==> flow/design.v <==
module gen_summer_p (core_clk, clr, arg0, arg1, arg2, q);
  parameter integer NBITS = 24;
  input core_clk;
  input clr;
  input [NBITS-1:0] arg0;
  input [NBITS-1:0] arg1;
  input [NBITS-1:0] arg2;
  output [NBITS+1:0] q;
  reg [NBITS-1:0] arg0_s;
  reg [NBITS-1:0] arg1_s;
  reg [NBITS-1:0] arg2_s;
  always @(posedge core_clk or posedge clr) begin
    if (clr) begin
      arg0_s <= 0;
      arg1_s <= 0;
      arg2_s <= 0;
    end else begin
      arg0_s <= arg0;
      arg1_s <= arg1;
      arg2_s <= arg2;
    end
  end
  assign q = arg0_s + arg1_s + arg2_s;
endmodule
Wiki page: gen_summer_p / tool data

Reports on gen_summer_p. Module gen_summer_p in several versions that differ in "NBITS"; each step lists the members. The RTL above is that of NBITS=24; lines are counted from 1 in the file of the member named. Library cell names are shortened. A cell with -- has no value.

Top module: gen_summer_p. Clock port: core_clk. Cell library: sky130hd. Corner: tt_025C_1v80.

Source of the members. Lines of each other member's file that are new or changed against the file above; lines that a member lacks are not shown.

New or changed lines: NBITS 48 (line 2) `parameter integer NBITS = 48;`; NBITS 64 (line 2) `parameter integer NBITS = 64;`.

After elaboration. Counts by Yosys on the flattened word-level netlist (proc, flatten, opt, wreduce; memories kept). Register bits leave out memories and registers merged into their read ports (data or address); mux counts leave out enables and synchronous resets folded into registers. Print and check cells are left out. Cells with the same type and inputs are merged into one.

Word-level totals: NBITS 24 (clocked read ports x word width 0, memory bits (writable) 0, register bits 72, bits in latches 0, memory cells 0, output and inout port bits 26, bits of input ports 74, bits in read-only memories 0); NBITS 48 (clocked read ports x word width 0, memory bits (writable) 0, register bits 144, bits in latches 0, memory cells 0, output and inout port bits 50, bits of input ports 146, bits in read-only memories 0); NBITS 64 (clocked read ports x word width 0, memory bits (writable) 0, register bits 192, bits in latches 0, memory cells 0, output and inout port bits 66, bits of input ports 194, bits in read-only memories 0).

Cells by class: NBITS 24 (reductions and logical operators 0, bitwise operators 0, magnitude comparators 0, multipliers 0, div/mod/pow operators 0, add/subtract/negate cells 2, equal/unequal tests 0, multiplexer cells 0, shifts and indexed selects 0); NBITS 48 (reductions and logical operators 0, bitwise operators 0, magnitude comparators 0, multipliers 0, div/mod/pow operators 0, add/subtract/negate cells 2, equal/unequal tests 0, multiplexer cells 0, shifts and indexed selects 0); NBITS 64 (reductions and logical operators 0, bitwise operators 0, magnitude comparators 0, multipliers 0, div/mod/pow operators 0, add/subtract/negate cells 2, equal/unequal tests 0, multiplexer cells 0, shifts and indexed selects 0).

Operators by type and width (kinds with counts): NBITS 24 (1 x 25-bit by 24-bit adder with 26-bit output; 1 x 24-bit by 24-bit adder with 25-bit output); NBITS 48 (1 x 49-bit by 48-bit adder with 50-bit output; 1 x 48-bit by 48-bit adder with 49-bit output); NBITS 64 (1 x 65-bit by 64-bit adder with 66-bit output; 1 x 64-bit by 64-bit adder with 65-bit output).

Longest topological paths. Depth = most cells in a row (Yosys ltp): at word level without a register or memory, in the mapped netlist without a sequential cell, where the memories' decode and read muxes count.

Logic depth: NBITS 24 (depth after elaboration 2, ABC_AREA 0, gate-level depth with buffers 11); NBITS 48 (depth after elaboration 2, ABC_AREA 0, gate-level depth with buffers 14); NBITS 64 (depth after elaboration 2, ABC_AREA 0, gate-level depth with buffers 14).

Mapped cells and area. Source: synth_stat.txt of the flow (Yosys; design flattened, memories mapped). It holds for the ABC_AREA given above (unset counts as 0); a run with the other value may have another netlist. The area totals of this step are shown rounded.

Cell types (type and count): NBITS 24 (72 x dfrtp_1; 25 x fa_1; 23 x ha_1; 23 x a21oi_1; 13 x xnor2_1; 7 x xor2_1; 16 x nand2_1; 12 x o21ai_0; 10 x inv_1; 6 x nand4_1; 5 x o21a_1; 4 x a21o_1; 6 x nand3_1; 8 x nor2_1; 3 x o311a_1; 1 x a2111oi_4; 5 x nor3_1; 3 x or3_1; [+31]); NBITS 48 (144 x dfrtp_1; 49 x fa_1; 47 x ha_1; 53 x a21oi_1; 27 x xnor2_1; 43 x nand2_1; 30 x o21ai_0; 15 x xor2_1; 14 x a21o_1; 26 x nor2_1; 15 x nand4_1; 17 x clkbuf_1; 17 x inv_1; 7 x o21bai_1; 6 x o21a_1; 5 x a211o_1; 7 x nand3_1; 2 x a41oi_2; [+79]); NBITS 64 (192 x dfrtp_1; 65 x fa_1; 63 x ha_1; 86 x a21oi_1; 38 x xnor2_1; 43 x o21ai_0; 53 x nand2_1; 22 x xor2_1; 25 x a21o_1; 21 x nand4_1; 32 x nor2_1; 24 x inv_1; 11 x o21bai_1; 10 x a31oi_1; 12 x nor3_1; 9 x and3_1; 11 x nand3_1; 6 x a2111oi_0; [+85]).

A list marked [+n] leaves out that many cells.

Synthesis totals: NBITS 24 (mapped flip-flops 72, standard cells after synthesis 273, mapped area 3560 um^2, buffer cells 4); NBITS 48 (mapped flip-flops 144, standard cells after synthesis 603, mapped area 7390 um^2, buffer cells 18); NBITS 64 (mapped flip-flops 192, standard cells after synthesis 808, mapped area 9770 um^2, buffer cells 20).

Timing after synthesis. OpenSTA on the mapped netlist: ideal clock, no wires. The path of least setup slack (recovery checks aside). Input and output delay are each 20% of the period. Register names are those of the netlist, which keeps one name where synthesis merged equal registers.

Timing path post-synthesis: NBITS 24 (path kind flip-flop to output port, start register arg0_s[1], end output q[23], slack 0.672 ns, path delay 2.696 ns, stages 10, clock period 4.21 ns, period reached after synthesis 3.538 ns); NBITS 48 (path kind flip-flop to output port, start register arg0_s[1], end output q[41], slack 0.873 ns, path delay 3.503 ns, stages 13, clock period 5.47 ns, period reached after synthesis 4.597 ns); NBITS 64 (path kind flip-flop to output port, start register arg0_s[1], end output q[61], slack 0.864 ns, path delay 3.472 ns, stages 13, clock period 5.42 ns, period reached after synthesis 4.556 ns).

"path delay" = arrival - input delay + setup time. At an output port there is no setup time. "stages" counts driving pins, that of a launching flip-flop among them; a cell with two outputs on the path counts twice. "period reached after synthesis" = period - worst setup slack (recovery checks aside). The figure is calculated, with input and output delays left at 20% of the set period. The rows between start and end are the longest chain of elaborated cells between them; the timing report does not say that the signal goes this way. Where chains are equally long, one stands for them. Each line given opens the expression or statement behind the cell; cells for indexed reads and writes are added by Yosys, which also makes memories of some case tables.

Between the ends, post-synthesis, NBITS=24:
The entry for length of the longest elaborated chain reads 2.

Ends and longest elaborated chain, post-synthesis, NBITS=24: start: declaration (line 9) `reg [NBITS-1:0] arg0_s;`; start: assignment (line 14) `arg0_s <= 0;`; start: assignment (line 18) `arg0_s <= arg0;`; 24-bit by 24-bit adder with 25-bit output (line 23) `assign q = arg0_s + arg1_s + arg2_s;`; 25-bit by 24-bit adder with 26-bit output (line 23); end: declaration (line 8) `output [NBITS+1:0] q;`.

Between the ends, post-synthesis, NBITS=64:
The entry for length of the longest elaborated chain reads 2.

Ends and longest elaborated chain, post-synthesis, NBITS=64: start: declaration (line 9) `reg [NBITS-1:0] arg0_s;`; start: assignment (line 14) `arg0_s <= 0;`; start: assignment (line 18) `arg0_s <= arg0;`; 64-bit by 64-bit adder with 65-bit output (line 23) `assign q = arg0_s + arg1_s + arg2_s;`; 65-bit by 64-bit adder with 66-bit output (line 23); end: declaration (line 8) `output [NBITS+1:0] q;`.

Path in the finished layout. From the final timing report of each member's run: the path of least setup slack in the routed layout; clock arrival at registers is part of the times.

Timing path post-layout: NBITS 24 (path kind flip-flop to output port, start register arg0_s[1], end output q[23], stages 12, slack 0.17 ns, clock period 4.21 ns, arrival time 3.20 ns); NBITS 48 (path kind flip-flop to output port, start register arg2_s[1], end output q[37], stages 15, slack 0.15 ns, clock period 5.47 ns, arrival time 4.22 ns); NBITS 64 (path kind flip-flop to output port, start register arg0_s[5], end output q[63], stages 13, slack 0.03 ns, clock period 5.42 ns, arrival time 4.30 ns).

Layout results. One run of the flow (Yosys, OpenROAD) for each member, with settings and measured results. Input and output delays are each 20% of the period that was set; the output load is 0.01 pF.

The entry for CAP_MARGIN reads 20. For CORE_MARGIN the number is 2. The entry for CORE_UTILIZATION reads 40. The figure for SLEW_MARGIN is 20.

Settings by member (period_ns): NBITS 24 (4.21); NBITS 48 (5.47); NBITS 64 (5.42).

Measured results: NBITS 24 (utilization 0.578, overall die area 9660 um^2, worst setup slack after layout 0.169 ns, worst hold slack in the final report 0.934 ns, setup total negative slack 0.000 ns, standard-cell area after layout 5020 um^2, chip area in the Yosys report 3560 um^2, total power after layout 2180 uW, period reached 4.041 ns); NBITS 48 (utilization 0.572, overall die area 19600 um^2, worst setup slack after layout 0.154 ns, worst hold slack in the final report 1.11 ns, setup total negative slack 0.000 ns, standard-cell area after layout 10300 um^2, chip area in the Yosys report 7390 um^2, total power after layout 3850 uW, period reached 5.316 ns); NBITS 64 (utilization 0.563, overall die area 25700 um^2, worst setup slack after layout 0.032 ns, worst hold slack in the final report 1.08 ns, setup total negative slack 0.000 ns, standard-cell area after layout 13600 um^2, chip area in the Yosys report 9770 um^2, total power after layout 4930 uW, period reached 5.388 ns).

"period reached" is the run's clock period less its worst setup slack. It is reckoned from that one timing run; input and output delays stay at 20% of the period that was set. "total power after layout" is the tool's figure for a default switching activity; nothing was simulated. The results are shown rounded.
